==> flow/design.v <==
module gen_registers_v2 #(
  parameter integer ENTRIES = 64,
  parameter integer WD = 8,
  parameter integer N_READ = 2,
  parameter integer IDX_W = $clog2(ENTRIES)
) (
  input  CLK,
  input  nrst,
  input  load,
  input  [IDX_W-1:0] wr_addr,
  input  [WD-1:0] d,
  input  [N_READ*IDX_W-1:0] read_addr,
  output reg [N_READ*WD-1:0] rd_data
);
  reg load_q;
  reg [IDX_W-1:0] wr_addr_q;
  reg [WD-1:0] d_q;
  always @(posedge CLK or negedge nrst) begin
    if (~nrst) begin
      load_q <= 1'b0;
      wr_addr_q <= 0;
      d_q <= 0;
    end else begin
      load_q <= load;
      wr_addr_q <= wr_addr;
      d_q <= d;
    end
  end
  reg [ENTRIES*WD-1:0] ram;
  genvar ii;
  generate
    for (ii = 0; ii < ENTRIES; ii = ii + 1) begin : g_bit
      always @(posedge CLK)
        if (load_q && wr_addr_q == ii) ram[ii*WD +: WD] <= d_q;
    end
  endgenerate
  reg [N_READ*IDX_W-1:0] read_addr_q;
  always @(posedge CLK or negedge nrst) begin
    if (~nrst) begin
      read_addr_q <= 0;
    end else begin
      read_addr_q <= read_addr;
    end
  end
  reg [N_READ*WD-1:0] t;
  integer m;
  integer idx;
  always @* begin
    t = 0;
    for (m = 0; m < N_READ; m = m + 1) begin
      for (idx = 0; idx < ENTRIES; idx = idx + 1)
        t[m*WD +: WD] = t[m*WD +: WD] | (ram[idx*WD +: WD] & {WD{read_addr_q[m*IDX_W +: IDX_W] == idx}});
    end
  end
  always @(posedge CLK or negedge nrst) begin
    if (~nrst) begin
      rd_data <= 0;
    end else begin
      rd_data <= t;
    end
  end
endmodule
* Tool chain data of gen_registers_v2
The steps from the RTL of gen_registers_v2 to its reports follow in flow order.
Line numbers count from 1 in the design file above.
Library cell names are shortened.
The mark - stands for no value.
- Design top :: gen_registers_v2
- Clock port :: CLK
- Standard-cell library :: sky130hd
- Library corner :: tt_025C_1v80

* Word-level counts
Yosys after proc, flatten, opt, wreduce and memory -nomap, before mapping. Enables and synchronous resets that opt folds into registers are not counted as muxes. Memory bits, and registers merged into a memory's read port (data or address), are not among the register bits. Print and check cells are not counted. Equal cells are merged and count once.
- Reduce/logical cells :: 67
- Equality and inequality tests :: 189
- Bitwise gates (word level) :: 254
** Operators by type and width (number)
- 8-bit AND :: 128
- 8-bit OR :: 126
- 6-bit equality test (second input constant) :: 96
- 6-bit by 5-bit equality test with 1-bit output (second input constant) :: 48
- 6-bit by 4-bit equality test with 1-bit output (second input constant) :: 24
- 6-bit by 3-bit equality test with 1-bit output (second input constant) :: 12
- 1-bit logical AND :: 64
- 6-bit by 2-bit equality test with 1-bit output (second input constant) :: 6
- 6-bit by 1-bit equality test with 1-bit output (second input constant) :: 3
- 6-bit logical NOT :: 3
- Bits in registers :: 555
- Word-level cells :: 579
- Input port bits :: 29
- Output and inout port bits :: 16

* Longest topological paths
Depth = most cells in a row (Yosys ltp): at word level without a register or memory, in the mapped netlist without a sequential cell, where the memories' decode and read muxes count.
- Depth after elaboration :: 65
- ABC_AREA :: 1
- Depth in mapped cells :: 13

* Synthesis result
Yosys stat after the flow's synthesis: flattened, memories mapped to cells. It holds for the ABC_AREA given above (unset counts as 0); a run with the other value may have another netlist.
The area totals of this step are shown rounded.
- Mapped area :: 28000 um2
- Flip-flops :: 555
- Buffers :: 170
- Mapped cells :: 3287
** Cell types (number)
- edfxtp_1 :: 512
- nand3_1 :: 832
- nand2_1 :: 786
- nor2_1 :: 570
- inv_1 :: 346
- dfrtp_1 :: 43
- buf_2 :: 122
- clkbuf_1 :: 45
- nand4_1 :: 16
- nor2_2 :: 8
- inv_2 :: 4
- buf_1 :: 3

* Timing after synthesis
Source: OpenSTA report_checks on the synthesized netlist (no wires, ideal clock, input and output delay 20% of the period each), path of least setup slack; recovery checks are left aside. Register names are those of the netlist, which keeps one name where synthesis merged equal registers.
- Path kind :: reg2reg
- From :: register wr_addr_q[4]
- To :: register ram[0]
- Path delay :: 1608 ps
- Arrival time :: 1238 ps
- Launch time at the first pin :: 0 ps
- Setup slack :: 851 ps
- Clock period :: 2460 ps
- Setup time :: 370 ps
- Path buffers :: 1
- Data required time :: 2090 ps
- Stages :: 5
- Synthesis period reached :: 1609 ps
"path delay" is the arrival time less input delay plus setup time.
"stages": output pins that drive a net of the path, with the launching flip-flop's if there is one; two outputs of one cell count as two.
"synthesis period reached" = period - worst setup slack (recovery checks aside). The figure is calculated, with input and output delays left at 20% of the set period.
The rows between start and end are the longest chain of elaborated cells between them; the timing report does not say that the signal goes this way. Where chains are equally long, one stands for them.
Each line given opens the expression or statement behind the cell; cells for indexed reads and writes are added by Yosys, which also makes memories of some case tables.
- Path through :: dfrtp_1 > inv_1 > nand3_1 > clkbuf_1 > nor2_1
- Length of the longest elaborated chain :: 2
- Elaborated cells on any way between the ends :: 2
- Source lines of those cells :: 1
- Classes of those cells :: 2 x reduce/logical
** RTL lines, path after synthesis
- from (decl) :: line 16 : reg [IDX_W-1:0] wr_addr_q;
- from (assign) :: line 21 : wr_addr_q <= 0;
- from (assign) :: line 25 : wr_addr_q <= wr_addr;
- 6-bit logical NOT :: line 34 : if (load_q && wr_addr_q == ii) ram[ii*WD +: WD] <= d_q;
- 1-bit logical AND :: line 34
- to (assign) :: line 34
- to (decl) :: line 29 : reg [ENTRIES*WD-1:0] ram;

* Path in the finished layout
Path of least setup slack in the final report of stored run 1 (OpenROAD, finished layout, wires in). Where an end is a register, its clock arrival counts in the times.
The path's times are printed in steps of 10 ps; the period is the one set.
- Path kind :: reg2reg
- From :: register read_addr_q[5]
- To :: register rd_data[7]
- Stages :: 13
- Data required time :: 3120 ps
- Setup slack :: 0 ps
- Arrival time :: 3110 ps
- Path buffers :: 2
- Setup time :: 130 ps
- Clock period :: 2650 ps
- Launch time at the first pin :: 610 ps
The rows between start and end are the longest chain of elaborated cells between them; the timing report does not say that the signal goes this way. Where chains are equally long, one stands for them.
- Path through :: dfrtp_1 > inv_1 > nor2_4 > buf_12 > nand3_1 > buf_4 > nor2_1 > nor2_1 > nand2_1 > nor2_1 > nand2_1 > nor2_1 > nand2_1
- Length of the longest elaborated chain :: 65
- Elaborated cells on any way between the ends :: 191
- Source lines of those cells :: 1
- Classes of those cells :: 63 x eq/ne; 127 x logic; 1 x reduce/logical
** RTL lines, path post-layout
- from (decl) :: line 37 : reg [N_READ*IDX_W-1:0] read_addr_q;
- from (assign) :: line 40 : read_addr_q <= 0;
- from (assign) :: line 42 : read_addr_q <= read_addr;
- 6-bit logical NOT :: line 52 : t[m*WD +: WD] = t[m*WD +: WD] | (ram[idx*WD +: WD] & {WD{read_addr_q[m*IDX_W +: IDX_W] == idx}});
- 8-bit AND :: line 52
- 8-bit OR x63 :: line 52
- to (assign) :: line 57 : rd_data <= 0;
- to (assign) :: line 59 : rd_data <= t;
- to (decl) :: line 13 : output reg [N_READ*WD-1:0] rd_data

Ticket comment

Measured results for gen_registers_v2: 2 stored runs of the Yosys and OpenROAD flow on sky130hd. The settings differ; the order carries no meaning. The constraints put input and output delay at 20% of the set period each and load the outputs with 0.01 pF.
"clock period reached": clock period set for the run, less the worst setup slack. It is reckoned from that one timing run; input and output delays stay at 20% of the period that was set.
By "allowed time less slack (worst setup path)" is meant the share of the clock period that the worst setup path is allowed (20% is reserved at inputs, 20% at outputs), minus its slack. Clock arrival times at its registers enter into it.
"allowed time less slack (worst setup path)" is given in steps of 10 ps.
Values from the reports are rounded here.

* Stored run 1
** Files
==> flow/run.sh <==
#!/bin/bash
# the make line also repeats the synthesis and layout settings of config.mk as NAME=value (left out here)
make -C /OpenROAD-flow-scripts/flow DESIGN_CONFIG=/design/flow/config.mk WORK_HOME=/design/flow/orfs CLKGATE_MAP_FILE= finish
==> flow/config.mk <==
export PLATFORM = sky130hd
export DESIGN_NAME = gen_registers_v2
export DESIGN_NICKNAME = gen_registers_v2
export VERILOG_FILES = /design/flow/design.v
export SDC_FILE = /design/flow/constraint.sdc
export NUM_CORES = 4
export LEC_CHECK = 0
export ABC_AREA = 1
export CAP_MARGIN = 20
export CELL_PAD_IN_SITES_DETAIL_PLACEMENT = 0
export CELL_PAD_IN_SITES_GLOBAL_PLACEMENT = 3
export CORE_ASPECT_RATIO = 1.31
export CORE_MARGIN = 2
export CORE_UTILIZATION = 30
export CTS_CLUSTER_DIAMETER = 205
export HOLD_SLACK_MARGIN = 0.29
export SETUP_SLACK_MARGIN = -0.07
export SLEW_MARGIN = 40
export TNS_END_PERCENT = 30
==> flow/constraint.sdc <==
create_clock -name core_clock -period 2.65 [get_ports {CLK}]
set_input_delay 0.5300 -clock core_clock [delete_from_list [all_inputs] [get_ports {CLK}]]
set_output_delay 0.5300 -clock core_clock [all_outputs]
set_load 0.01 [all_outputs]
** Results
- Allowed time less slack (worst setup path) :: 2650 ps
- Worst setup path kind :: reg2reg
- Worst hold slack :: 360 ps
- Standard-cell area after routing :: 33400 um2
- Clock period reached :: 2647 ps
- Die area :: 95700 um2
- Post-route utilization :: 36.0 %
- Total negative slack :: 0 ps
- Post-synthesis cell area :: 28000 um2
- Worst setup slack after layout :: 3 ps

* Stored run 2
** Files
==> flow/run.sh <==
#!/bin/bash
# the make line also repeats the synthesis and layout settings of config.mk as NAME=value (left out here)
make -C /OpenROAD-flow-scripts/flow DESIGN_CONFIG=/design/flow/config.mk WORK_HOME=/design/flow/orfs CLKGATE_MAP_FILE= finish
==> flow/config.mk <==
export PLATFORM = sky130hd
export DESIGN_NAME = gen_registers_v2
export DESIGN_NICKNAME = gen_registers_v2
export VERILOG_FILES = /design/flow/design.v
export SDC_FILE = /design/flow/constraint.sdc
export NUM_CORES = 4
export LEC_CHECK = 0
export CAP_MARGIN = 20
export CORE_MARGIN = 2
export CORE_UTILIZATION = 40
export SLEW_MARGIN = 20
==> flow/constraint.sdc <==
create_clock -name core_clock -period 2.46 [get_ports {CLK}]
set_input_delay 0.4920 -clock core_clock [delete_from_list [all_inputs] [get_ports {CLK}]]
set_output_delay 0.4920 -clock core_clock [all_outputs]
set_load 0.01 [all_outputs]
** Results
- Allowed time less slack (worst setup path) :: 2550 ps
- Worst setup path kind :: reg2reg
- Worst hold slack :: 281 ps
- Standard-cell area after routing :: 32700 um2
- Clock period reached :: 2547 ps
- Die area :: 67200 um2
- Post-route utilization :: 50.7 %
- Total negative slack :: -313 ps
- Post-synthesis cell area :: 26100 um2
- Worst setup slack after layout :: -87 ps
